==> flow/design.v <==
module aligner_n #(
    parameter DATA_WIDTH = 28,
    parameter SEL_WIDTH = $clog2(DATA_WIDTH)
) (
    input wire i_clk,
    input wire resetn,
    input wire step,
    input wire [DATA_WIDTH-1:0] in_in,
    input wire [SEL_WIDTH-1:0] in_count,
    output wire [DATA_WIDTH-1:0] out_data_out
);
    reg [DATA_WIDTH-1:0] in_r;
    reg [SEL_WIDTH-1:0] count_r;
    always @(posedge i_clk) begin
        if (!resetn) begin
            in_r <= 0;
            count_r <= 0;
        end else if (step) begin
            in_r <= in_in;
            count_r <= in_count;
        end
    end
    assign out_data_out = (in_r << count_r) | (in_r >> (DATA_WIDTH - count_r));
endmodule
---- From RTL to reports: aligner_n ----
The steps from the RTL of aligner_n to its reports follow in flow order.
Line numbers count from 1 in the design file above.
Operators: Yosys type, input widths -> output width; for muxes data width and select width s.
Cell names lack the library's common part.
Not given: --
inputs
  design top .............................. aligner_n
  clock input ............................. i_clk
  cell library ............................ sky130hd
  corner .................................. tt_025C_1v80

---- Word-level counts ----
Counts by Yosys on the flattened word-level netlist (proc, flatten, opt, wreduce; memories kept). Register bits leave out memories and registers merged into their read ports (data or address); mux counts leave out enables and synchronous resets folded into registers. Print and check cells are left out. Cells with the same type and inputs are merged into one.
word-level totals
  elaborated cells ........................ 6
  flip-flop bits (word level) ............. 33
  input bits .............................. 36
cells by class
  shift operators ......................... 2
  bitwise operators ....................... 1
  add/sub/neg operators ................... 1
operator list
  cell                 number
  $shr 28x32->28       1
  $or 28x28->28        1
  $shl 28x5->28        1
  $sub 5x5->6 const A  1

---- Logic depth ----
Depth = most cells in a row (Yosys ltp): at word level without a register or memory, in the mapped netlist without a sequential cell, where the memories' decode and read muxes count.
depth
  depth in word-level cells ............... 3
  ABC_AREA ................................ 0
  mapped depth ............................ 13

---- Mapped cells and area ----
Source: synth_stat.txt of the flow (Yosys; design flattened, memories mapped). It holds for the ABC_AREA given above (unset counts as 0); a run with the other value may have another netlist.
cell types
  cell type  number  total area (µm²)
  mux4_2     39      878.342
  mux2i_1    70      700.672
  dfxtp_1    33      660.634
  mux2_2     26      292.781
  nor2b_1    35      218.96
  nand2_1    37      138.883
  nor2_1     34      127.622
  a21oi_1    22      110.106
  mux4_1     4       105.101
  o21ai_0    21      105.101
  a22oi_1    10      75.072
  buf_2      14      70.067
  o22ai_1    10      62.56
  a221o_1    6       60.058
  clkbuf_1   16      60.058
  buf_4      7       52.55
  o211ai_1   7       52.55
  nor3_1     8       40.038
Not listed: further types 44, cells in them 83.
mapped netlist
  mapped flip-flops ....................... 33
  chip area (Yosys) ....................... 4473.0 µm²
  mapped cells ............................ 482

---- Path before layout ----
Path of least setup slack by OpenSTA after synthesis, without wires, with an ideal clock, recovery checks aside; 20% of the period is set as input and as output delay. Where synthesis merged equal registers, the netlist keeps one of their names.
path post-synthesis
  path type ............................... register to output
  from .................................... register count_r[1]
  to ...................................... output out_data_out[1]
  driving pins on the path ................ 12
  period .................................. 4.64 ns
  delay of the path ....................... 2.968 ns
  external output delay ................... 0.928 ns
  data required time ...................... 3.712 ns
  slack ................................... 0.744 ns
  arrival ................................. 2.968 ns
  synthesis period reached ................ 3.896 ns
"delay of the path" is the arrival time less input delay plus setup time.
At an output port there is no setup time.
"driving pins on the path": output pins that drive a net of the path, with the launching flip-flop's if there is one; two outputs of one cell count as two.
"synthesis period reached" = period - worst setup slack (recovery checks aside). The figure is calculated, with input and output delays left at 20% of the set period.
Between the ends stands the longest chain of elaborated cells between them, by number of cells; it is not shown to be the way that was timed. Of several equally long chains one is given.
A line is the first line of the expression or statement that the cell stems from. Yosys adds cells for indexed reads and writes and turns some case tables into memories.
between the ends, post-synthesis
  path through ............................ dfxtp_1 > buf_2 > buf_4 > buf_2 > inv_1 > ha_1 > buf_6 > mux2_4 > mux4_2 > and2_1 > a22o_1 > a221o_1
  cells in the longest elaborated chain ... 3
  elaborated cells between the ends (all ways) .. 4
  RTL lines with such cells ............... 1
  those cells by class .................... 1 x add/sub; 2 x shift; 1 x logic
RTL lines, path post-synthesis
  what             line  RTL
  start, declared  13    reg [SEL_WIDTH-1:0] count_r;
  start, assigned  17    count_r <= 0;
  start, assigned  20    count_r <= in_count;
  $sub 5x5->6      23    assign out_data_out = (in_r << count_r) | (in_r >> (DATA_WIDTH - count_r));
  $shr 28x32->28   23
  $or 28x28->28    23
  end, declared    10    output wire [DATA_WIDTH-1:0] out_data_out

---- Path in the finished layout ----
From the final timing report of entry A: the path of least setup slack in the routed layout; clock arrival at registers is part of the times.
path post-layout
  path type ............................... register to output
  from .................................... register count_r[1]
  to ...................................... output out_data_out[16]
  arrival ................................. 3.22 ns
  driving pins on the path ................ 10
  slack ................................... -0.21 ns
  external output delay ................... 0.75 ns
  data required time ...................... 3.02 ns
  period .................................. 3.77 ns
Between the ends stands the longest chain of elaborated cells between them, by number of cells; it is not shown to be the way that was timed. Of several equally long chains one is given.
between the ends, post-layout
  path through ............................ dfxtp_1 > inv_1 > ha_2 > buf_12 > mux2_2 > mux2_2 > mux2i_1 > o21ai_0 > a221o_1 > clkdlybuf4s50_1
  cells in the longest elaborated chain ... 3
  elaborated cells between the ends (all ways) .. 4
  RTL lines with such cells ............... 1
  those cells by class .................... 1 x add/sub; 2 x shift; 1 x logic
RTL lines, path post-layout
  what             line  RTL
  start, declared  13    reg [SEL_WIDTH-1:0] count_r;
  start, assigned  17    count_r <= 0;
  start, assigned  20    count_r <= in_count;
  $sub 5x5->6      23    assign out_data_out = (in_r << count_r) | (in_r >> (DATA_WIDTH - count_r));
  $shr 28x32->28   23
  $or 28x28->28    23
  end, declared    10    output wire [DATA_WIDTH-1:0] out_data_out

FLOW RESULTS
============

Record of 3 stored runs of the RTL-to-layout flow on aligner_n, platform sky130hd. The runs are unordered. Constraints: input delay and output delay 20% of the set period each, output load 0.01 pF.
"achieved clock period (ns)" is the run's clock period less its worst setup slack. It is reckoned from that one timing run; input and output delays stay at 20% of the period that was set.
"worst setup path time (ns)" is the time allowed to the run's worst setup path (the clock period less input and output delay, where it has them) less its slack. Clock arrival times count: a late capture clock shortens it, a late launch clock lengthens it.
By "finish__power__total" is meant OpenSTA's value without simulated activity: inputs other than the clock are taken to toggle once in ten clock periods, and the tool carries that through the logic.

Flow files of entry A
==> flow/run.sh <==
#!/bin/bash
# the make line also repeats the synthesis and layout settings of config.mk as NAME=value (left out here)
make -C /OpenROAD-flow-scripts/flow DESIGN_CONFIG=/design/flow/config.mk WORK_HOME=/design/flow/orfs CLKGATE_MAP_FILE= finish
==> flow/config.mk <==
export PLATFORM = sky130hd
export DESIGN_NAME = aligner_n
export DESIGN_NICKNAME = aligner_n
export VERILOG_FILES = /design/flow/design.v
export SDC_FILE = /design/flow/constraint.sdc
export NUM_CORES = 4
export LEC_CHECK = 0
export CAP_MARGIN = 20
export CORE_MARGIN = 2
export CORE_UTILIZATION = 68
export MAX_ROUTING_LAYER = met4
export SETUP_SLACK_MARGIN = -0.38
export SLEW_MARGIN = 20
==> flow/constraint.sdc <==
create_clock -name core_clock -period 3.77 [get_ports {i_clk}]
set_input_delay 0.7540 -clock core_clock [delete_from_list [all_inputs] [get_ports {i_clk}]]
set_output_delay 0.7540 -clock core_clock [all_outputs]
set_load 0.01 [all_outputs]

report of entry A
yosys chip area after synthesis (um^2): 4473.0
finish__design__die__area: 7242.9
finish__design__instance__area__stdcell: 5323.9
finish__design__instance__utilization: 0.8384
finish__timing__setup__ws: -0.208
finish__timing__setup__tns: -1.745
finish__timing__hold__ws: 0.617
finish__power__total: 1.558e-03
achieved clock period (ns): 3.978
worst setup path time (ns): 3.22
worst setup path kind: register to output

Flow files of entry B
==> flow/run.sh <==
#!/bin/bash
# the make line also repeats the synthesis and layout settings of config.mk as NAME=value (left out here)
make -C /OpenROAD-flow-scripts/flow DESIGN_CONFIG=/design/flow/config.mk WORK_HOME=/design/flow/orfs CLKGATE_MAP_FILE= finish
==> flow/config.mk <==
export PLATFORM = sky130hd
export DESIGN_NAME = aligner_n
export DESIGN_NICKNAME = aligner_n
export VERILOG_FILES = /design/flow/design.v
export SDC_FILE = /design/flow/constraint.sdc
export NUM_CORES = 4
export LEC_CHECK = 0
export CAP_MARGIN = 30
export CELL_PAD_IN_SITES_GLOBAL_PLACEMENT = 0
export CORE_MARGIN = 5
export CORE_UTILIZATION = 21
export CTS_CLUSTER_SIZE = 13
export GPL_ROUTABILITY_DRIVEN = 1
export MAX_ROUTING_LAYER = met4
export PLACE_DENSITY_LB_ADDON = 0.19
export SLEW_MARGIN = 20
==> flow/constraint.sdc <==
create_clock -name core_clock -period 5.69 [get_ports {i_clk}]
set_input_delay 1.1380 -clock core_clock [delete_from_list [all_inputs] [get_ports {i_clk}]]
set_output_delay 1.1380 -clock core_clock [all_outputs]
set_load 0.01 [all_outputs]

report of entry B
yosys chip area after synthesis (um^2): 4473.0
finish__design__die__area: 24318.8
finish__design__instance__area__stdcell: 5476.5
finish__design__instance__utilization: 0.2605
finish__timing__setup__ws: 0.883
finish__timing__setup__tns: 0.000
finish__timing__hold__ws: 0.568
finish__power__total: 1.050e-03
achieved clock period (ns): 4.807
worst setup path time (ns): 3.67
worst setup path kind: register to output

Flow files of entry C
==> flow/run.sh <==
#!/bin/bash
# the make line also repeats the synthesis and layout settings of config.mk as NAME=value (left out here)
make -C /OpenROAD-flow-scripts/flow DESIGN_CONFIG=/design/flow/config.mk WORK_HOME=/design/flow/orfs CLKGATE_MAP_FILE= finish
==> flow/config.mk <==
export PLATFORM = sky130hd
export DESIGN_NAME = aligner_n
export DESIGN_NICKNAME = aligner_n
export VERILOG_FILES = /design/flow/design.v
export SDC_FILE = /design/flow/constraint.sdc
export NUM_CORES = 4
export LEC_CHECK = 0
export CAP_MARGIN = 20
export CORE_MARGIN = 2
export CORE_UTILIZATION = 40
export SLEW_MARGIN = 20
==> flow/constraint.sdc <==
create_clock -name core_clock -period 4.64 [get_ports {i_clk}]
set_input_delay 0.9280 -clock core_clock [delete_from_list [all_inputs] [get_ports {i_clk}]]
set_output_delay 0.9280 -clock core_clock [all_outputs]
set_load 0.01 [all_outputs]

report of entry C
yosys chip area after synthesis (um^2): 4473.0
finish__design__die__area: 12044.0
finish__design__instance__area__stdcell: 5281.3
finish__design__instance__utilization: 0.4851
finish__timing__setup__ws: 0.230
finish__timing__setup__tns: 0.000
finish__timing__hold__ws: 0.618
finish__power__total: 1.189e-03
achieved clock period (ns): 4.410
worst setup path time (ns): 3.48
worst setup path kind: register to output
